==> flow/design.v <==
module gen_mul #(
    parameter NBITS = 8
) (
    input  logic CLK,
    input  logic nrst,
    input  logic signed [NBITS-1:0] lhs_i,
    input  logic signed [NBITS-1:0] rhs_i,
    output logic signed [2*NBITS-1:0] out_o
);
    logic signed [NBITS-1:0] r_lhs;
    always_ff @(posedge CLK) begin
        if (~nrst) begin
            r_lhs <= 0;
        end else begin
            r_lhs <= lhs_i;
        end
    end
    logic signed [NBITS-1:0] r_rhs;
    always_ff @(posedge CLK) begin
        if (~nrst) begin
            r_rhs <= 0;
        end else begin
            r_rhs <= rhs_i;
        end
    end
    assign out_o = r_lhs * r_rhs;
endmodule
# Step by step through the tools: gen_mul
# What the tools print for gen_mul, step after step.
# Lines are those of the file above, counted from 1.
# Library cell names are shortened.
# The mark - stands for no value.
# design
top_module	gen_mul
clock	CLK
lib	sky130hd
lib_corner	tt_025C_1v80

# Word level
# Source: Yosys, flattened and elaborated, memories not mapped. Widths are those after wreduce; folded enables and synchronous resets count as part of the registers. Registers that Yosys merges into a memory's read port (data or address) are not register bits. Print and check cells do not count. Equal cells are merged and count once.
# op_classes
n_mul	1
# op_table
op	n
multiplier 8 x 8 -> 16 bit	1
# bits
regBits	16
inputBits	18
word_cells	3

# Depth
# Yosys ltp: most cells in a row. Word level: on the elaborated netlist, between registers, memories and ports. Mapped: between sequential cells and ports; inverters and the memories' decode and read muxes count.
# logic_depth
word_depth	1
ABC_AREA	0
ltp_mapped	17

# Mapped cells and area
# Source: synth_stat.txt of the flow (Yosys; design flattened, memories mapped). It holds for the ABC_AREA given above (unset counts as 0); a run with the other value may have another netlist.
# by_type
cell	n	type_area_um2
fa_1	55	1.1E+03
and2_1	59	369.104
ha_1	29	362.848
inv_1	88	330.317
dfxtp_1	16	320.307
xnor2_1	11	96.342
nand2_1	15	56.304
nor2b_1	8	50.048
a21oi_1	7	35.034
nor2_1	9	33.782
xor2_1	3	26.275
a21oi_2	2	17.517
o41ai_2	1	16.266
a21o_1	2	15.014
nor4b_2	1	15.014
o21a_1	2	15.014
o21ai_0	3	15.014
nand4_1	2	12.512
# Not listed: further types 10, cells in them 12.
# synth_totals
cells	325
area_um2	2965.3
seqArea_um2	320.3
flip_flops	16

# Timing after synthesis
# Path of least setup slack by OpenSTA after synthesis, without wires, with an ideal clock, recovery checks aside; 20% of the period is set as input and as output delay. Where synthesis merged equal registers, the netlist keeps one of their names.
# synth_path
path_type	flip-flop to output port
start	register r_rhs[7]
end	output port out_o[11]
clock_period_ns	6.33
launch_ns	0.000
arrival_time_ns	4.051
t_required_ns	5.064
path_slack_ns	1.013
path_delay_ns	4.051
stages	15
path_buffers	0
synth_period_reached_ns	5.317
# "path_delay_ns" = arrival - input delay + setup time.
# A path that ends at an output port has no setup time.
# "stages" counts driving pins, that of a launching flip-flop among them; a cell with two outputs on the path counts twice.
# "synth_period_reached_ns" = period - worst setup slack (recovery checks aside). The figure is calculated, with input and output delays left at 20% of the set period.
# Between the ends stands the longest chain of elaborated cells between them, by number of cells; it is not shown to be the way that was timed. Of several equally long chains one is given.
# A line is the first line of the expression or statement that the cell stems from. Yosys adds cells for indexed reads and writes and turns some case tables into memories.
# synth_between
path_cell_list	dfxtp_1 -> nand2b_1 -> fa_1 -> fa_1 -> inv_1 -> fa_1 -> inv_1 -> fa_1 -> inv_1 -> ha_1 -> a21o_1 -> a21oi_2 -> a21boi_1 -> or4_1 -> nand3_1
elab_chain_len	1
cone_cells	1
# synth_rtl
element	line	text
start: declaration	18	logic signed [NBITS-1:0] r_rhs;
start: assignment	21	r_rhs <= 0;
start: assignment	23	r_rhs <= rhs_i;
multiplier 8 x 8 -> 16 bit	26	assign out_o = r_lhs * r_rhs;
end: declaration	8	output logic signed [2*NBITS-1:0] out_o

# Timing after layout
# Path of least setup slack in the final report of flow run A (OpenROAD, finished layout, wires in). Where an end is a register, its clock arrival counts in the times.
# layout_path
path_type	flip-flop to output port
start	register r_rhs[4]
end	output port out_o[11]
clock_period_ns	6.33
launch_ns	0.24
arrival_time_ns	4.81
t_required_ns	5.06
path_slack_ns	0.25
stages	17
path_buffers	1
# Between the ends stands the longest chain of elaborated cells between them, by number of cells; it is not shown to be the way that was timed. Of several equally long chains one is given.
# layout_between
path_cell_list	dfxtp_2 -> and2_1 -> fa_1 -> inv_1 -> fa_1 -> inv_1 -> fa_1 -> inv_1 -> fa_1 -> inv_1 -> ha_4 -> a21o_1 -> a21oi_2 -> a21boi_1 -> or4_1 -> nand3_1 -> clkdlybuf4s50_1
elab_chain_len	1
cone_cells	1
# layout_rtl
element	line	text
start: declaration	18	logic signed [NBITS-1:0] r_rhs;
start: assignment	21	r_rhs <= 0;
start: assignment	23	r_rhs <= rhs_i;
multiplier 8 x 8 -> 16 bit	26	assign out_o = r_lhs * r_rhs;
end: declaration	8	output logic signed [2*NBITS-1:0] out_o

# Record of 3 stored runs of the RTL-to-layout flow on gen_mul, platform sky130hd. The runs are unordered. Constraints: input delay and output delay 20% of the set period each, output load 0.01 pF.
# "period_reached_ns" = clock period - worst setup slack. The figure is calculated, with input and output delays left at 20% of the set period.
# "worstPathTime_ns": the worst setup path's part of the clock period (all of it between registers, 20% less for each end at a port) less its slack. A launch clock that arrives late makes it longer, a capture clock that arrives late makes it shorter.
# "power_total_mw" is the tool's figure for a default switching activity; nothing was simulated.
# A setting shown as n/a is not set for that run.
# Among the results, n/a means that no value is shown for the run.
setting or result,flow run A,flow run B,flow run C
period_ns,6.33,9.22,3.87
CAP_MARGIN,20,25,20
CORE_MARGIN,2,4,2
CORE_UTILIZATION,40,57,55
SLEW_MARGIN,20,20,20
SETUP_SLACK_MARGIN,n/a,2.59,0.11
CORE_ASPECT_RATIO,n/a,0.58,n/a
CELL_PAD_IN_SITES_GLOBAL_PLACEMENT,n/a,2,n/a
CELL_PAD_IN_SITES_DETAIL_PLACEMENT,n/a,1,n/a
TNS_END_PERCENT,n/a,5,n/a
GPL_TIMING_DRIVEN,n/a,1,1
GPL_ROUTABILITY_DRIVEN,n/a,1,1
CTS_CLUSTER_SIZE,n/a,13,84
CTS_CLUSTER_DIAMETER,n/a,183,286
PLACE_DENSITY_LB_ADDON,n/a,n/a,0.12
MAX_ROUTING_LAYER,n/a,n/a,met4
power_total_mw,0.5201,n/a,0.9772
synth_chip_area_um2,2965.3,n/a,2965.3
worst_hold_slack_ns,1.585,n/a,1.085
final_die_area_um2,8118.0,n/a,5994.6
total_negative_slack_ns,0.000,n/a,-10.021
finalUtil_frac,0.487,n/a,0.823
worstPathTime_ns,4.81,n/a,4.30
critical_path_kind,flip-flop to output port,n/a,flip-flop to output port
final_cell_area_um2,3515.9,n/a,4229.1
setup_ws_ns,0.249,n/a,-1.202
period_reached_ns,6.081,n/a,5.072
# Flow run B: incomplete, placement halted on GPL-0301
